==> flow/design.v <==
module gen_mul #(
    parameter W = 8,
    parameter K = 10
) (
    input  wire clk,
    input  wire [W-1:0] A_in,
    input  wire [K-1:0] B_in,
    output wire [W+K-1:0] m_out
);
    reg [W-1:0] A_ff;
    reg [K-1:0] B_ff;
    assign m_out = A_ff * B_ff;
    always @(posedge clk) begin
        A_ff <= A_in;
        B_ff <= B_in;
    end
endmodule
## Reports on gen_mul

What the tools print for gen_mul, step after step.
Lines are those of the file above, counted from 1.
Library cell names are shortened.
Not given: -

| set-up | value |
|---|---|
| top module | gen_mul |
| clock port | clk |
| cell library | sky130hd |
| library corner | tt_025C_1v80 |

## Word-level counts

Source: Yosys, flattened and elaborated, memories not mapped. Widths are those after wreduce; folded enables and synchronous resets count as part of the registers. Registers that Yosys merges into a memory's read port (data or address) are not register bits. Print and check cells do not count. Equal cells are merged and count once.

| operators by class | value |
|---|---|
| reductions and logical operators | 0 |
| mux-type cells | 0 |
| multipliers | 1 |
| shift-type cells | 0 |
| magnitude comparators | 0 |
| eq/ne operators | 0 |
| div/mod/pow operators | 0 |
| bitwise logic cells | 0 |
| $add $sub $neg | 0 |

Operator list:

| kind | number |
|---|---|
| 8-bit by 10-bit multiplier with 18-bit output | 1 |

| bit counts | value |
|---|---|
| input port bits | 19 |
| output and inout bits | 18 |
| flip-flop bits (word level) | 18 |
| memories kept | 0 |
| latch bits | 0 |
| clocked read ports x word width | 0 |
| word-level cells | 3 |
| ROM bits | 0 |
| memory bits (writable) | 0 |

## Longest topological paths

Longest topological path by Yosys (ltp), each cell counted once; first at word level (registers and memories cut), then after technology mapping (sequential cells cut; the memories' decode and read muxes count).

| depth | value |
|---|---|
| depth in word-level cells | 1 |
| ABC_AREA | 1 |
| mapped depth | 20 |
| gate-level depth less buffers | 19 |

## Synthesis result

The flow's flattened synthesis, as Yosys stat reports it; memories are mapped. The netlist is that of the ABC_AREA named above (0 if unset); the other value can give another one.

| mapped netlist | value |
|---|---|
| mapped flip-flops | 18 |
| sequential part of the area | 0.0003603 mm2 |
| chip area (Yosys) | 0.0032982 mm2 |
| buffers | 18 |
| cells in the netlist | 472 |

Cell types:

| type | number | total area (um2) |
|---|---|---|
| fa_1 | 48 | 960.922 |
| inv_1 | 152 | 570.547 |
| nand2_1 | 149 | 559.286 |
| ha_1 | 38 | 475.456 |
| dfxtp_1 | 18 | 360.346 |
| clkbuf_1 | 15 | 56.304 |
| nor2_1 | 12 | 45.043 |
| nand3_1 | 8 | 40.038 |
| xor2_1 | 4 | 35.034 |
| a21oi_1 | 6 | 30.029 |
| xnor2_1 | 3 | 26.275 |
| nand3_2 | 2 | 20.019 |
| nor3_2 | 2 | 20.019 |
| nand2_2 | 3 | 18.768 |
| nand4_1 | 3 | 18.768 |
| o21bai_4 | 1 | 18.768 |
| buf_1 | 3 | 11.261 |
| a21oi_2 | 1 | 8.758 |

Not listed: further types 4, cells in them 4.

## Path before layout

Source: OpenSTA report_checks on the synthesized netlist (no wires, ideal clock, input and output delay 20% of the period each), path of least setup slack; recovery checks are left aside. Register names are those of the netlist, which keeps one name where synthesis merged equal registers.

| path after synthesis | value |
|---|---|
| kind | reg-to-output |
| start | reg A_ff[5] |
| end | out m_out[15] |
| driving pins on the path | 18 |
| arrival time | 3,782 ps |
| path slack | 1,586 ps |
| path delay | 3,782 ps |
| clock period | 6,710 ps |
| data required time | 5,368 ps |
| output delay | 1,342 ps |
| buffers on the path | 1 |
| launch time at the first pin | 0 ps |
| period reached after synthesis | 5,124 ps |

"path delay" = arrival - input delay + setup time.
A path that ends at an output port has no setup time.
"driving pins on the path": output pins that drive a net of the path, with the launching flip-flop's if there is one; two outputs of one cell count as two.
"period reached after synthesis" is the clock period less the worst setup slack; recovery checks do not enter. This is arithmetic on one report: input and output delays are still those of the set period (20% each).
The rows between start and end are the longest chain of elaborated cells between them; the timing report does not say that the signal goes this way. Where chains are equally long, one stands for them.
A line is the first line of the expression or statement that the cell stems from. Yosys adds cells for indexed reads and writes and turns some case tables into memories.

| on the way, after synthesis | value |
|---|---|
| cell sequence | dfxtp_1 clkbuf_1 nand2_1 fa_1 fa_1 inv_1 fa_1 inv_1 fa_1 inv_1 ha_1 nand2_1 nor2_1 and2_1 nand2_1 nand3_2 nand2_1 nand2_1 |
| cells in the longest elaborated chain | 1 |
| elaborated cells between the ends (all ways) | 1 |
| source lines of those cells | 1 |
| those cells by class | mul (1) |

Ends and longest elaborated chain, after synthesis:

| element | RTL line | source |
|---|---|---|
| start: declaration | 10 | `reg [W-1:0] A_ff;` |
| start: assignment | 14 | `A_ff <= A_in;` |
| 8-bit by 10-bit multiplier with 18-bit output | 12 | `assign m_out = A_ff * B_ff;` |
| end: declaration | 8 | `output wire [W+K-1:0] m_out` |

## Path in the finished layout

From the final timing report of flow run A: the path of least setup slack in the routed layout; clock arrival at registers is part of the times.
The report prints the path's times to 10 ps; the period is as set.

| path after layout | value |
|---|---|
| kind | reg-to-output |
| start | reg A_ff[7] |
| end | out m_out[16] |
| path slack | 820 ps |
| buffers on the path | 3 |
| clock period | 6,050 ps |
| launch time at the first pin | 250 ps |
| output delay | 1,210 ps |
| driving pins on the path | 19 |
| arrival time | 4,020 ps |
| data required time | 4,840 ps |

The rows between start and end are the longest chain of elaborated cells between them; the timing report does not say that the signal goes this way. Where chains are equally long, one stands for them.

| on the way, after layout | value |
|---|---|
| cell sequence | dfxtp_2 clkbuf_8 buf_6 nand2_2 fa_1 fa_1 fa_1 fa_1 inv_2 ha_4 nand2_2 inv_2 nand2_2 nor3_4 nand2_4 nand2_1 nand2_1 nand2_1 buf_2 |
| cells in the longest elaborated chain | 1 |
| elaborated cells between the ends (all ways) | 1 |
| source lines of those cells | 1 |
| those cells by class | mul (1) |

Ends and longest elaborated chain, after layout:

| element | RTL line | source |
|---|---|---|
| start: declaration | 10 | `reg [W-1:0] A_ff;` |
| start: assignment | 14 | `A_ff <= A_in;` |
| 8-bit by 10-bit multiplier with 18-bit output | 12 | `assign m_out = A_ff * B_ff;` |
| end: declaration | 8 | `output wire [W+K-1:0] m_out` |

## Implementation results

Stored flow runs of gen_mul (3 of them; Yosys, OpenROAD, sky130hd). They differ in their settings and are not a sequence. Constraints: input delay and output delay 20% of the set period each, output load 0.01 pF.
"period achieved" is the run's clock period less its worst setup slack. It is reckoned from that one timing run; input and output delays stay at 20% of the period that was set.
"time of the worst setup path" means the part of the period allowed to the worst setup path (the constraints hold back 20% at inputs and 20% at outputs) less its slack; where the path has registers, the arrival times of their clocks count too.
By "total power after layout" is meant OpenSTA's value without simulated activity: inputs other than the clock are taken to toggle once in ten clock periods, and the tool carries that through the logic.
"time of the worst setup path" is known to 10 ps.
Among the settings, -- means not set for that run.

| setting or result | flow run A | flow run B | flow run C |
|---|---|---|---|
| period_ns | 6.05 | 6.71 | 6.88 |
| CORE_UTILIZATION | 33 | 40 | 25 |
| SETUP_SLACK_MARGIN | 0.8 | -- | -0.53 |
| PLACE_DENSITY_LB_ADDON | 0.08 | -- | -- |
| HOLD_SLACK_MARGIN | 0.11 | -- | -- |
| CORE_ASPECT_RATIO | 0.63 | -- | 0.77 |
| ABC_AREA | 1 | -- | -- |
| GPL_TIMING_DRIVEN | 0 | -- | -- |
| GPL_ROUTABILITY_DRIVEN | 1 | -- | -- |
| CTS_CLUSTER_DIAMETER | 269 | -- | 63 |
| SLEW_MARGIN | 10 | 20 | 20 |
| CAP_MARGIN | 20 | 20 | 5 |
| CORE_MARGIN | 2 | 2 | 3 |
| PLACE_DENSITY | -- | -- | 0.38 |
| CELL_PAD_IN_SITES_GLOBAL_PLACEMENT | -- | -- | 0 |
| MIN_ROUTING_LAYER | -- | -- | met2 |
| area inside the die boundary (mm2) | 0.0108317 | 0.0083439 | 0.0135801 |
| setup slack of the critical path (ps) | 823 | 223 | 236 |
| post-layout utilization (%) | 47.5 | 48.6 | 31.8 |
| worst-case hold slack (ps) | 1,396 | 1,532 | 1,575 |
| mapped cell area after synthesis (mm2) | 0.0032982 | 0.0030517 | 0.0030517 |
| period achieved (ps) | 5,227 | 6,487 | 6,644 |
| time of the worst setup path (ps) | 4,020 | 5,150 | 5,270 |
| type of the worst setup path | reg-to-output | reg-to-output | reg-to-output |
| total power after layout (W) | 0.001746 | 0.001189 | 0.001241 |
| final setup TNS (ps) | 0 | 0 | 0 |
| std-cell area (final layout) (mm2) | 0.0045469 | 0.0035634 | 0.003696 |
